==> flow/design.v <==
module core_shift_unit_p (clk, ch, sa, o);
    parameter XLEN = 12;
    localparam LG = $clog2(XLEN);
    input clk;
    input signed [XLEN-1:0] ch;
    input [LG-1:0] sa;
    output [XLEN-1:0] o;
    reg signed [XLEN-1:0] ch_q;
    reg [LG-1:0] sa_q;
    always @(posedge clk) begin
        ch_q <= ch;
        sa_q <= sa;
    end
    assign o = ch_q >>> sa_q;
endmodule
---- Reports on core_shift_unit_p ----
The steps from the RTL of core_shift_unit_p to its reports follow in flow order.
Lines are those of the file above, counted from 1.
Cell names lack the library's common part.
Not given: n/a
inputs
  top ..................................... core_shift_unit_p
  clock input ............................. clk
  standard-cell library ................... sky130hd
  corner .................................. tt_025C_1v80

---- Word level ----
Counts by Yosys on the flattened word-level netlist (proc, flatten, opt, wreduce; memories kept). Register bits leave out memories and registers merged into their read ports (data or address); mux counts leave out enables and synchronous resets folded into registers. Print and check cells are left out. Cells with the same type and inputs are merged into one.
cells by class
  shift-type cells ........................ 1
operators with widths
  kind                                            count
  12-bit by 4-bit >>> shifter with 12-bit output  1
word-level totals
  flip-flop bits (word level) ............. 16
  bits of input ports ..................... 17
  output and inout bits ................... 12
  word-level cells ........................ 3

---- Logic depth ----
Depth = most cells in a row (Yosys ltp): at word level without a register or memory, in the mapped netlist without a sequential cell, where the memories' decode and read muxes count.
depth
  word-level depth ........................ 1
  ABC_AREA ................................ 0
  depth in mapped cells ................... 5
  gate-level depth less buffers ........... 3

---- Netlist ----
Source: synth_stat.txt of the flow (Yosys; design flattened, memories mapped). It holds for the ABC_AREA given above (unset counts as 0); a run with the other value may have another netlist.
Totals and module areas in this step are rounded.
synthesis totals
  mapped cells ............................ 75
  mapped area ............................. 0.000911 mm2
  sequential area ......................... 0.00032 mm2
  mapped flip-flops ....................... 16
  buffer cells ............................ 8
cell types
  cell type  count  area in all (um2)
  dfxtp_1    16     320.307
  mux4_2     8      180.173
  mux4_1     2      52.55
  a211oi_1   5      37.536
  mux2i_1    3      30.029
  clkbuf_8   2      27.526
  buf_6      2      22.522
  nor2_1     6      22.522
  buf_12     1      20.019
  o2bb2ai_1  2      17.517
  inv_1      4      15.014
  mux2_4     1      15.014
  o21ai_0    3      15.014
  nor2b_1    2      12.512
  mux2_2     1      11.261
  o311a_2    1      11.261
  o21ai_1    2      10.01
  a311oi_1   1      8.758
Other cell types: 12; their cells: 13.

---- Worst setup path after synthesis ----
Source: OpenSTA report_checks on the synthesized netlist (no wires, ideal clock, input and output delay 20% of the period each), path of least setup slack; recovery checks are left aside. Register names are those of the netlist, which keeps one name where synthesis merged equal registers.
timing path after synthesis
  path type ............................... reg-to-output
  start ................................... register sa_q[1]
  end ..................................... output o[3]
  clock period ............................ 1.99 ns
  output delay ............................ 0.398 ns
  time at the first pin ................... 0.000 ns
  arrival time ............................ 1.276 ns
  required time ........................... 1.592 ns
  slack ................................... 0.316 ns
  delay of the path ....................... 1.276 ns
  driving pins on the path ................ 5
  buffers on the path ..................... 2
  period reached after synthesis .......... 1.674 ns
"delay of the path" is the arrival time less input delay plus setup time.
A path that ends at an output port has no setup time.
"driving pins on the path": output pins that drive a net of the path, with the launching flip-flop's if there is one; two outputs of one cell count as two.
"period reached after synthesis" = period - worst setup slack (recovery checks aside). The figure is calculated, with input and output delays left at 20% of the set period.
Between the ends stands the longest chain of elaborated cells between them, by number of cells; it is not shown to be the way that was timed. Of several equally long chains one is given.
A line is the first line of the expression or statement that the cell stems from. Yosys adds cells for indexed reads and writes and turns some case tables into memories.
on the way, after synthesis
  path through ............................ dfxtp_1 clkbuf_8 clkbuf_8 mux2_2 a211oi_1
  cells in the longest elaborated chain ... 1
  elaborated cells between the ends (all ways) .. 1
  RTL lines with such cells ............... 1
  classes of those cells .................. 1 x shift
RTL lines, path after synthesis
  item                                            line  RTL
  start, declared                                 9     reg [LG-1:0] sa_q;
  start, assigned                                 12    sa_q <= sa;
  12-bit by 4-bit >>> shifter with 12-bit output  14    assign o = ch_q >>> sa_q;
  end, declared                                   7     output [XLEN-1:0] o;

---- Path in the finished layout ----
From the final timing report of run B: the path of least setup slack in the routed layout; clock arrival at registers is part of the times.
timing path after layout
  path type ............................... reg-to-output
  start ................................... register sa_q[0]
  end ..................................... output o[4]
  clock period ............................ 1.99 ns
  output delay ............................ 0.40 ns
  time at the first pin ................... 0.27 ns
  arrival time ............................ 1.61 ns
  required time ........................... 1.59 ns
  slack ................................... -0.02 ns
  driving pins on the path ................ 8
  buffers on the path ..................... 4
Between the ends stands the longest chain of elaborated cells between them, by number of cells; it is not shown to be the way that was timed. Of several equally long chains one is given.
on the way, after layout
  path through ............................ dfxtp_4 buf_6 buf_6 buf_6 and2b_1 nor2b_4 a211oi_2 buf_2
  cells in the longest elaborated chain ... 1
  elaborated cells between the ends (all ways) .. 1
  RTL lines with such cells ............... 1
  classes of those cells .................. 1 x shift
RTL lines, path after layout
  item                                            line  RTL
  start, declared                                 9     reg [LG-1:0] sa_q;
  start, assigned                                 12    sa_q <= sa;
  12-bit by 4-bit >>> shifter with 12-bit output  14    assign o = ch_q >>> sa_q;
  end, declared                                   7     output [XLEN-1:0] o;

==> results <==
Measured results for core_shift_unit_p: 3 stored runs of the Yosys and OpenROAD flow on sky130hd. The settings differ; the order carries no meaning. The constraints put input and output delay at 20% of the set period each and load the outputs with 0.01 pF.
"reached clock period" means the clock period less the worst setup slack. The figure is calculated, with input and output delays left at 20% of the set period.
"worst setup path time" is the time allowed to the run's worst setup path (the clock period less input and output delay, where it has them) less its slack. Clock arrival times count: a late capture clock shortens it, a late launch clock lengthens it.
"total power after layout" rests on the timing tool's default activity at the inputs, not on a simulated workload.
Results are given in rounded form.

---- run A ----
settings
  period_ns = 2.51
  CORE_UTILIZATION = 31
  SETUP_SLACK_MARGIN = 0.54
  CELL_PAD_IN_SITES_DETAIL_PLACEMENT = 2
  ABC_AREA = 1
  GPL_ROUTABILITY_DRIVEN = 0
  CTS_CLUSTER_SIZE = 23
  CTS_CLUSTER_DIAMETER = 378
  CAP_MARGIN = 40
  CORE_MARGIN = 2
  SLEW_MARGIN = 20
results
  incomplete, routing halted on DPL-0033

---- run B ----
settings
  period_ns = 1.99
  CAP_MARGIN = 20
  CORE_MARGIN = 2
  CORE_UTILIZATION = 40
  SLEW_MARGIN = 20
results
  setup slack of the critical path ........ -0.022 ns
  total power after layout ................ 0.000782 W
  cell area after synthesis ............... 0.000911 mm2
  worst setup path time ................... 1.61 ns
  class of the worst setup path ........... reg-to-output
  die size ................................ 0.00267 mm2
  setup TNS ............................... -0.047 ns
  reached clock period .................... 2.012 ns
  standard-cell area after routing ........ 0.00136 mm2
  utilization after layout ................ 62.1%
  smallest hold slack ..................... 0.550 ns

---- run C ----
settings
  period_ns = 2.77
  CORE_UTILIZATION = 45
  SETUP_SLACK_MARGIN = 0.28
  PLACE_DENSITY = 0.59
  CORE_ASPECT_RATIO = 1.9
  CORE_MARGIN = 2
  ABC_AREA = 0
  GPL_ROUTABILITY_DRIVEN = 1
  CTS_CLUSTER_DIAMETER = 278
  SLEW_MARGIN = 35
  CAP_MARGIN = 20
results
  setup slack of the critical path ........ 0.245 ns
  total power after layout ................ 0.000544 W
  cell area after synthesis ............... 0.000911 mm2
  worst setup path time ................... 1.97 ns
  class of the worst setup path ........... reg-to-output
  die size ................................ 0.00242 mm2
  setup TNS ............................... 0.000 ns
  reached clock period .................... 2.525 ns
  standard-cell area after routing ........ 0.00124 mm2
  utilization after layout ................ 64.5%
  smallest hold slack ..................... 0.708 ns
